==> flow/design.v <==
module dp_add_core #(
  parameter NBITS = 6
) (
  input sys_clk,
  input aresetn,
  input ce,
  input [NBITS-1:0] A_i,
  input [NBITS-1:0] B_i,
  output [NBITS-1:0] total_o
);
  reg [NBITS-1:0] A_r;
  reg [NBITS-1:0] B_r;
  reg [NBITS:0] t_r;
  reg [NBITS-1:0] total_r;
  assign total_o = total_r;
  always @(posedge sys_clk or negedge aresetn) begin
    if (!aresetn) begin
      A_r <= 0;
      B_r <= 0;
      t_r <= 0;
      total_r <= 0;
    end else if (ce) begin
      A_r <= A_i;
      B_r <= B_i;
      t_r <= A_r + B_r;
      total_r <= t_r[NBITS] ? {NBITS{1'b1}} : t_r[NBITS-1:0];
    end
  end
endmodule
# From RTL to reports: dp_add_core
# A sweep over "NBITS": the same steps for each member of the family.
# The RTL above is that of NBITS 6; lines are counted from 1 in the file of the member named.
# Operators carry their Yosys type and port widths (W data, S select, Z words).
# Cell names lack the library's common part.
inputs:
  top: "dp_add_core"
  clock_port: "sys_clk"
  library: "sky130hd"
  pvt_corner: "tt_025C_1v80"

# Source of the members
# Lines of each other member's file that are new or changed against the file above; lines that a member lacks are not shown.
src_changes:
  columns: ["NBITS", "line", "text"]
  rows:
  - [10, 2, "parameter NBITS = 10"]
  - [24, 2, "parameter NBITS = 24"]
  - [56, 2, "parameter NBITS = 56"]
  - [72, 2, "parameter NBITS = 72"]
  - [80, 2, "parameter NBITS = 80"]

# Word-level counts
# Yosys after proc, flatten, opt, wreduce and memory -nomap, before mapping. Enables and synchronous resets that opt folds into registers are not counted as muxes. Memory bits, and registers merged into a memory's read port (data or address), are not among the register bits. Print and check cells are not counted. Equal cells are merged and count once.
op_classes:
  columns: ["NBITS", "n_addsub", "mul", "div_mod_pow", "n_cmp", "equal", "shift", "n_mux", "n_logic", "reduce_and_logical"]
  rows:
  - [6, 1, 0, 0, 0, 0, 0, 1, 0, 0]
  - [10, 1, 0, 0, 0, 0, 0, 1, 0, 0]
  - [24, 1, 0, 0, 0, 0, 0, 1, 0, 0]
  - [56, 1, 0, 0, 0, 0, 0, 1, 0, 0]
  - [72, 1, 0, 0, 0, 0, 0, 1, 0, 0]
  - [80, 1, 0, 0, 0, 0, 0, 1, 0, 0]
ops:
  columns: ["NBITS", "op_list"]
  rows:
  - [6, "1 x $add A6 B6 Y7; 1 x $mux W6"]
  - [10, "1 x $add A10 B10 Y11; 1 x $mux W10"]
  - [24, "1 x $add A24 B24 Y25; 1 x $mux W24"]
  - [56, "1 x $add A56 B56 Y57; 1 x $mux W56"]
  - [72, "1 x $add A72 B72 Y73; 1 x $mux W72"]
  - [80, "1 x $add A80 B80 Y81; 1 x $mux W80"]
bits:
  columns: ["NBITS", "ff_bits", "latch_bits", "mem_bits_rw", "mem_bits_ro", "clocked_rd_ports_x_width", "mem_count"]
  rows:
  - [6, 25, 0, 0, 0, 0, 0]
  - [10, 41, 0, 0, 0, 0, 0]
  - [24, 97, 0, 0, 0, 0, 0]
  - [56, 225, 0, 0, 0, 0, 0]
  - [72, 289, 0, 0, 0, 0, 0]
  - [80, 321, 0, 0, 0, 0, 0]

# Logic depth
# Yosys ltp: most cells in a row. Word level: on the elaborated netlist, between registers, memories and ports. Mapped: between sequential cells and ports; inverters and the memories' decode and read muxes count.
logic_depth:
  columns: ["NBITS", "ltp_word", "ABC_AREA", "ltp_mapped", "depth_no_buf"]
  rows:
  - [6, 1, 0, 7, 7]
  - [10, 1, 0, 8, 8]
  - [24, 1, 0, 8, 8]
  - [56, 1, 0, 10, 10]
  - [72, 1, 0, 11, 11]
  - [80, 1, 0, 12, 12]

# After synthesis
# Yosys stat after the flow's synthesis: flattened, memories mapped to cells. It holds for the ABC_AREA given above (unset counts as 0); a run with the other value may have another netlist.
mapped:
  columns: ["NBITS", "stdcells", "synth_area_mm2", "seqArea_mm2", "flip_flops", "buf_cells"]
  rows:
  - [6, 97, 0.0011574, 0.0006256, 25, 4]
  - [10, 174, 0.0019606, 0.001026, 41, 8]
  - [24, 447, 0.0048722, 0.0024273, 97, 20]
  - [56, 1153, 0.0119402, 0.0056304, 225, 64]
  - [72, 1502, 0.015346, 0.0072319, 289, 76]
  - [80, 1610, 0.0168199, 0.0080327, 321, 88]
by_type:
  columns: ["NBITS", "cell_types"]
  rows:
  - [6, "25 x dfrtp_1; 13 x mux2_2; 6 x ha_1; 15 x nor2_1; 9 x a21oi_1; 2 x mux2_4; 1 x fa_1; 4 x o21ai_0; 2 x xnor2_1; 3 x buf_2; 4 x inv_1; 1 x a211oi_2; 1 x o31a_2; 1 x a21oi_2; 1 x xor2_1; 1 x a21o_1; 2 x nand2_1; 1 x o211ai_1; (+5)"]
  - [10, "41 x dfrtp_1; 22 x mux2_2; 10 x ha_1; 26 x nor2_1; 15 x a21oi_1; 7 x o21ai_0; 4 x xnor2_1; 8 x nand2_1; 3 x a211oi_1; 1 x fa_1; 2 x o31a_1; 2 x a21o_1; 3 x buf_2; 4 x inv_1; 1 x mux2_4; 1 x nor2b_4; 2 x nand2b_1; 3 x clkbuf_1; (+19)"]
  - [24, "97 x dfrtp_1; 62 x mux2_2; 24 x ha_1; 47 x a21oi_1; 57 x nor2_1; 32 x nand2_1; 7 x xnor2_1; 7 x xor2_1; 16 x clkbuf_1; 4 x o211ai_2; 8 x nand3_1; 6 x nand4_1; 5 x o21a_1; 7 x o21ai_0; 6 x o21ai_1; 3 x a211o_1; 3 x a21oi_2; 3 x o2111ai_1; (+53)"]
  - [56, "225 x dfrtp_1; 150 x mux2_2; 56 x ha_1; 121 x a21oi_1; 154 x nor2_1; 37 x a21o_1; 66 x nand2_1; 26 x xnor2_1; 41 x o21ai_0; 44 x clkbuf_1; 22 x nand4_1; 16 x o21a_1; 13 x xor2_1; 12 x o21bai_1; 20 x inv_1; 9 x o211ai_1; 8 x a211oi_1; 9 x and3_1; (+124)"]
  - [72, "289 x dfrtp_1; 191 x mux2_2; 72 x ha_1; 169 x a21oi_1; 213 x nor2_1; 97 x nand2_1; 35 x xnor2_1; 53 x o21ai_0; 26 x a21o_1; 47 x clkbuf_1; 28 x nand4_1; 16 x xor2_1; 17 x o21bai_1; 16 x o21a_1; 25 x inv_1; 18 x nand3_1; 18 x nor3_1; 12 x and3_1; (+160)"]
  - [80, "321 x dfrtp_1; 230 x mux2_2; 80 x ha_1; 183 x a21oi_1; 213 x nor2_1; 42 x xnor2_1; 83 x nand2_1; 60 x o21ai_0; 39 x a21o_1; 30 x xor2_1; 61 x clkbuf_1; 28 x nand4_1; 25 x nand3_1; 13 x o211ai_1; 19 x nor3_1; 14 x a31oi_1; 20 x inv_1; 10 x o21bai_1; (+139)"]
# A list marked (+n) leaves out that many cells.

# Worst setup path after synthesis
# Source: OpenSTA report_checks on the synthesized netlist (no wires, ideal clock, input and output delay 20% of the period each), path of least setup slack; recovery checks are left aside. Register names are those of the netlist, which keeps one name where synthesis merged equal registers.
synth_timing:
  columns: ["NBITS", "kind", "from", "to", "clock_period_ns", "slack_ns", "stages", "path_delay_ns", "period_less_setup_slack_ns"]
  rows:
  - [6, "reg-to-reg", "register A_r[0]", "register t_r[4]", 2.04, 0.409, 8, 1.631, 1.631]
  - [10, "reg-to-reg", "register A_r[0]", "register t_r[8]", 2.29, 0.460, 9, 1.830, 1.83]
  - [24, "reg-to-reg", "register A_r[0]", "register t_r[10]", 2.65, 0.534, 9, 2.116, 2.116]
  - [56, "reg-to-reg", "register A_r[0]", "register t_r[52]", 3.61, 0.720, 11, 2.890, 2.89]
  - [72, "reg-to-reg", "register A_r[0]", "register t_r[68]", 3.48, 0.698, 12, 2.782, 2.782]
  - [80, "reg-to-reg", "register A_r[0]", "register t_r[36]", 3.67, 0.735, 13, 2.935, 2.935]
# "path_delay_ns" is the arrival time less input delay plus setup time.
# "stages" counts driving pins, that of a launching flip-flop among them; a cell with two outputs on the path counts twice.
# "period_less_setup_slack_ns" = period - worst setup slack (recovery checks aside). The figure is calculated, with input and output delays left at 20% of the set period.
# Between the ends stands the longest chain of elaborated cells between them, by number of cells; it is not shown to be the way that was timed. Of several equally long chains one is given.
# Each line given opens the expression or statement behind the cell; cells for indexed reads and writes are added by Yosys, which also makes memories of some case tables.
synth_via_NBITS_6:
  elab_chain_len: 1
synth_rtl_NBITS_6:
  columns: ["element", "line", "text"]
  rows:
  - ["start: declaration", 11, "reg [NBITS-1:0] A_r;"]
  - ["start: assignment", 18, "A_r <= 0;"]
  - ["start: assignment", 23, "A_r <= A_i;"]
  - ["$add A6 B6 Y7", 25, "t_r <= A_r + B_r;"]
  - ["end: assignment", 20, "t_r <= 0;"]
  - ["end: assignment", 25, null]
  - ["end: declaration", 13, "reg [NBITS:0] t_r;"]
synth_via_NBITS_80:
  elab_chain_len: 1
synth_rtl_NBITS_80:
  columns: ["element", "line", "text"]
  rows:
  - ["start: declaration", 11, "reg [NBITS-1:0] A_r;"]
  - ["start: assignment", 18, "A_r <= 0;"]
  - ["start: assignment", 23, "A_r <= A_i;"]
  - ["$add A80 B80 Y81", 25, "t_r <= A_r + B_r;"]
  - ["end: assignment", 20, "t_r <= 0;"]
  - ["end: assignment", 25, null]
  - ["end: declaration", 13, "reg [NBITS:0] t_r;"]

# Path in the finished layout
# From the final timing report of the run of each member: the path of least setup slack in the routed layout; clock arrival at registers is part of the times.
layout_timing:
  columns: ["NBITS", "kind", "from", "to", "clock_period_ns", "slack_ns", "stages", "t_arrival_ns", "n_path_buf"]
  rows:
  - [6, "reg-to-reg", "register A_r[0]", "register t_r[4]", 2.04, 0.23, 8, 2.02, 0]
  - [10, "reg-to-reg", "register B_r[0]", "register t_r[8]", 2.29, 0.34, 9, 2.13, 0]
  - [24, "reg-to-reg", "register A_r[6]", "register t_r[15]", 2.65, 0.28, 8, 2.61, 0]
  - [56, "reg-to-reg", "register A_r[0]", "register t_r[52]", 3.61, 0.44, 11, 3.59, 0]
  - [72, "reg-to-reg", "register A_r[8]", "register t_r[69]", 3.48, 0.17, 11, 3.74, 0]
  - [80, "reg-to-reg", "register B_r[30]", "register t_r[64]", 3.67, 0.23, 12, 3.89, 0]

# Layout results
# Settings and results of one run of the flow (Yosys, OpenROAD) for each member follow. The constraints put input and output delay at 20% of the set period each and load the outputs with 0.01 pF.
settings:
  CAP_MARGIN: 20
  CORE_MARGIN: 2
  CORE_UTILIZATION: 40
  SLEW_MARGIN: 20
settings_diff:
  columns: ["NBITS", "period_ns"]
  rows:
  - [6, 2.04]
  - [10, 2.29]
  - [24, 2.65]
  - [56, 3.61]
  - [72, 3.48]
  - [80, 3.67]
measured:
  columns: ["NBITS", "ys_area_mm2", "die_mm2", "post_route_stdcell_area_mm2", "finalUtil_pct", "setup_ws_ns", "tns_setup_ns", "power.total_w", "period_reached_ns"]
  rows:
  - [6, 0.0011574, 0.0033397, 0.0014314, 51.9, 0.233, 0.000, 0.001215, 1.807]
  - [10, 0.0019606, 0.0054775, 0.0024398, 51.7, 0.345, 0.000, 0.002105, 1.945]
  - [24, 0.0048722, 0.0130794, 0.0060658, 50.7, 0.277, 0.000, 0.004768, 2.373]
  - [56, 0.0119402, 0.0312476, 0.0148292, 50.3, 0.436, 0.000, 0.008722, 3.174]
  - [72, 0.015346, 0.039948, 0.0191033, 50.6, 0.167, 0.000, 0.011705, 3.313]
  - [80, 0.0168199, 0.0437061, 0.021109, 50.5, 0.230, 0.000, 0.012662, 3.440]
# "period_reached_ns" means the clock period less the worst setup slack. The figure is calculated, with input and output delays left at 20% of the set period.
# "power.total_w" rests on the timing tool's default activity at the inputs, not on a simulated workload.
